==> flow/design.v <==
module data_mux (i_clk, in_in, choose_in, data_out_out);
   parameter BITS = 24;
   parameter INPUTS = 10;
   input i_clk;
   input [INPUTS*BITS-1:0] in_in;
   input [INPUTS-1:0] choose_in;
   output reg [BITS-1:0] data_out_out;
   reg [BITS-1:0] t;
   integer i;
   always @* begin
      t = 0;
      for (i = INPUTS-1; i >= 0; i = i - 1)
         if (choose_in[i]) t = in_in[i*BITS +: BITS];
   end
   always @(posedge i_clk)
      data_out_out <= t;
endmodule
== From RTL to reports: data_mux ==
Tool output for the design above, in the order of the flow.
Line numbers count from 1 in the design file above.
Cell names lack the library's common part.
A cell with -- has no value.
Inputs
  top module: data_mux
  clock input: i_clk
  library: sky130hd
  library corner: tt_025C_1v80

== Elaborated design ==
Source: Yosys, flattened and elaborated, memories not mapped. Widths are those after wreduce; folded enables and synchronous resets count as part of the registers. Registers that Yosys merges into a memory's read port (data or address) are not register bits. Print and check cells do not count. Equal cells are merged and count once.
Word-level totals
  register bits after elaboration: 24
  bits of input ports: 251
  output and inout port bits: 24
Operators by class
  muxes and demuxes: 10
Operators by type and width (number)
  2-to-1 mux 24 bit: 10

== Longest topological paths ==
Depth = most cells in a row (Yosys ltp): at word level without a register or memory, in the mapped netlist without a sequential cell, where the memories' decode and read muxes count.
Logic depth
  depth after elaboration: 10
  ABC_AREA: 0
  gate-level depth with buffers: 7
  mapped depth without buffers: 4

== Mapped cells and area ==
The flow's flattened synthesis, as Yosys stat reports it; memories are mapped. The netlist is that of the ABC_AREA named above (0 if unset); the other value can give another one.
Cell types
  a221oi_2: number 40, area in all 600.576 um2
  dfxtp_1: number 24, area in all 480.461 um2
  a221o_1: number 47, area in all 470.451 um2
  inv_1: number 72, area in all 270.259 um2
  a21oi_1: number 53, area in all 265.254 um2
  o221ai_1: number 23, area in all 201.443 um2
  nand3b_1: number 24, area in all 180.173 um2
  a21oi_2: number 20, area in all 175.168 um2
  nand2b_1: number 24, area in all 150.144 um2
  clkbuf_1: number 27, area in all 101.347 um2
  nand2_1: number 26, area in all 97.594 um2
  nor2_1: number 24, area in all 90.086 um2
  a221oi_1: number 8, area in all 70.067 um2
  buf_6: number 6, area in all 67.565 um2
  buf_2: number 13, area in all 65.062 um2
  buf_1: number 3, area in all 11.261 um2
  o21ai_0: number 2, area in all 10.01 um2
  nor2b_2: number 1, area in all 8.758 um2
Not listed: further types 3, cells in them 3.
Mapped netlist
  cells in the netlist: 440
  synthesis area: 0.0033357 mm2
  area of sequential cells: 0.0004805 mm2
  mapped flip-flops: 24
  buffers: 50

== Worst setup path after synthesis ==
Path of least setup slack by OpenSTA after synthesis, without wires, with an ideal clock, recovery checks aside; 20% of the period is set as input and as output delay. Where synthesis merged equal registers, the netlist keeps one of their names.
Timing post-synthesis
  kind: input-to-reg
  from: in (no name shown)
  to: reg data_out_out[10]
  period: 1760 ps
  external input delay: 352 ps
  setup time: 123 ps
  time at the first pin: 352 ps
  data arrival time: 1354 ps
  data required time: 1637 ps
  path slack: 283 ps
  path delay: 1125 ps
  driving pins on the path: 7
  buffers on the path: 3
  synthesis period reached: 1477 ps
"path delay" is the arrival time less input delay plus setup time.
"driving pins on the path" counts driving pins, that of a launching flip-flop among them; a cell with two outputs on the path counts twice.
"synthesis period reached" is the clock period less the worst setup slack; recovery checks do not enter. This is arithmetic on one report: input and output delays are still those of the set period (20% each).
Between the ends stands the longest chain of elaborated cells between them, by number of cells; it is not shown to be the way that was timed. Of several equally long chains one is given.
Each line given opens the expression or statement behind the cell; cells for indexed reads and writes are added by Yosys, which also makes memories of some case tables.
Between the ends, post-synthesis
  path through: buf_4 > nor2b_2 > buf_6 > buf_6 > a221o_1 > a221oi_2 > a21oi_2
  length of the longest elaborated chain: 9
  elaborated cells on any way between the ends: 9
  source lines of those cells: 1
  those cells by class: mux: 9
Ends and longest elaborated chain, post-synthesis
  start, declared: RTL line 6
  2-to-1 mux 24 bit (9 in a row): RTL line 13
  end, assigned: RTL line 16  | data_out_out <= t;
  end, declared: RTL line 7  | output reg [BITS-1:0] data_out_out;

== Worst path after layout ==
From the final timing report of flow run B: the path of least setup slack in the routed layout; clock arrival at registers is part of the times.
The path's times are printed in steps of 10 ps; the period is the one set.
Timing post-layout
  kind: input-to-reg
  from: in (no name shown)
  to: reg data_out_out[5]
  period: 1760 ps
  external input delay: 350 ps
  setup time: 110 ps
  time at the first pin: 350 ps
  data arrival time: 1870 ps
  data required time: 1910 ps
  path slack: 40 ps
  driving pins on the path: 6
  buffers on the path: 3
Between the ends stands the longest chain of elaborated cells between them, by number of cells; it is not shown to be the way that was timed. Of several equally long chains one is given.
Between the ends, post-layout
  path through: clkdlybuf4s50_1 > buf_12 > buf_4 > a221o_1 > o221ai_1 > a21oi_2
  length of the longest elaborated chain: 1
  elaborated cells on any way between the ends: 1
  source lines of those cells: 1
  those cells by class: mux: 1
Ends and longest elaborated chain, post-layout
  start, declared: RTL line 6
  2-to-1 mux 24 bit: RTL line 13
  end, assigned: RTL line 16  | data_out_out <= t;
  end, declared: RTL line 7  | output reg [BITS-1:0] data_out_out;

--- measured runs ---
Module data_mux, platform sky130hd: 3 stored runs of the flow (Yosys, OpenROAD) with differing settings, in no particular order. Input and output delays are each 20% of the period that was set; the output load is 0.01 pF.
By "achieved clock period" is meant the clock period of the run minus its worst setup slack. This is arithmetic on one report: input and output delays are still those of the set period (20% each).
"worst setup path time" means the part of the period allowed to the worst setup path (the constraints hold back 20% at inputs and 20% at outputs) less its slack; where the path has registers, the arrival times of their clocks count too.
"worst setup path time" is given in steps of 10 ps.

Flow run A
==> flow/run.sh <==
#!/bin/bash
# the make line also repeats the synthesis and layout settings of config.mk as NAME=value (left out here)
make -C /OpenROAD-flow-scripts/flow DESIGN_CONFIG=/design/flow/config.mk WORK_HOME=/design/flow/orfs CLKGATE_MAP_FILE= finish
==> flow/config.mk <==
export PLATFORM = sky130hd
export DESIGN_NAME = data_mux
export DESIGN_NICKNAME = data_mux
export VERILOG_FILES = /design/flow/design.v
export SDC_FILE = /design/flow/constraint.sdc
export NUM_CORES = 4
export LEC_CHECK = 0
export CAP_MARGIN = 20
export CORE_ASPECT_RATIO = 1.8
export CORE_MARGIN = 2
export CORE_UTILIZATION = 56
export CTS_CLUSTER_SIZE = 40
export GPL_TIMING_DRIVEN = 1
export PLACE_DENSITY_LB_ADDON = 0.28
export SLEW_MARGIN = 20
export TNS_END_PERCENT = 90
==> flow/constraint.sdc <==
create_clock -name core_clock -period 1.39 [get_ports {i_clk}]
set_input_delay 0.2780 -clock core_clock [delete_from_list [all_inputs] [get_ports {i_clk}]]
set_output_delay 0.2780 -clock core_clock [all_outputs]
set_load 0.01 [all_outputs]

==> results of flow run A <==
did not finish, placement stopped with FLW-0024

Flow run B
==> flow/run.sh <==
#!/bin/bash
# the make line also repeats the synthesis and layout settings of config.mk as NAME=value (left out here)
make -C /OpenROAD-flow-scripts/flow DESIGN_CONFIG=/design/flow/config.mk WORK_HOME=/design/flow/orfs CLKGATE_MAP_FILE= finish
==> flow/config.mk <==
export PLATFORM = sky130hd
export DESIGN_NAME = data_mux
export DESIGN_NICKNAME = data_mux
export VERILOG_FILES = /design/flow/design.v
export SDC_FILE = /design/flow/constraint.sdc
export NUM_CORES = 4
export LEC_CHECK = 0
export CAP_MARGIN = 20
export CORE_MARGIN = 2
export CORE_UTILIZATION = 40
export SLEW_MARGIN = 20
==> flow/constraint.sdc <==
create_clock -name core_clock -period 1.76 [get_ports {i_clk}]
set_input_delay 0.3520 -clock core_clock [delete_from_list [all_inputs] [get_ports {i_clk}]]
set_output_delay 0.3520 -clock core_clock [all_outputs]
set_load 0.01 [all_outputs]

==> results of flow run B <==
chip area after synthesis (Yosys): 0.0033357 mm2
die area: 0.0090859 mm2
standard-cell area of the final layout: 0.0063198 mm2
utilization: 77.7 %
worst setup slack after layout: 40 ps
achieved clock period: 1720 ps
worst setup path time: 1370 ps
worst setup path kind: input-to-reg

Flow run C
==> flow/run.sh <==
#!/bin/bash
# the make line also repeats the synthesis and layout settings of config.mk as NAME=value (left out here)
make -C /OpenROAD-flow-scripts/flow DESIGN_CONFIG=/design/flow/config.mk WORK_HOME=/design/flow/orfs CLKGATE_MAP_FILE= finish
==> flow/config.mk <==
export PLATFORM = sky130hd
export DESIGN_NAME = data_mux
export DESIGN_NICKNAME = data_mux
export VERILOG_FILES = /design/flow/design.v
export SDC_FILE = /design/flow/constraint.sdc
export NUM_CORES = 4
export LEC_CHECK = 0
export CAP_MARGIN = 20
export CORE_MARGIN = 2
export CORE_UTILIZATION = 62
export CTS_CLUSTER_SIZE = 83
export HOLD_SLACK_MARGIN = -0.07
export PLACE_DENSITY = 0.6
export SLEW_MARGIN = 20
export TNS_END_PERCENT = 100
==> flow/constraint.sdc <==
create_clock -name core_clock -period 0.986 [get_ports {i_clk}]
set_input_delay 0.1972 -clock core_clock [delete_from_list [all_inputs] [get_ports {i_clk}]]
set_output_delay 0.1972 -clock core_clock [all_outputs]
set_load 0.01 [all_outputs]

==> results of flow run C <==
did not finish, placement stopped with PPL-0024
--- end ---
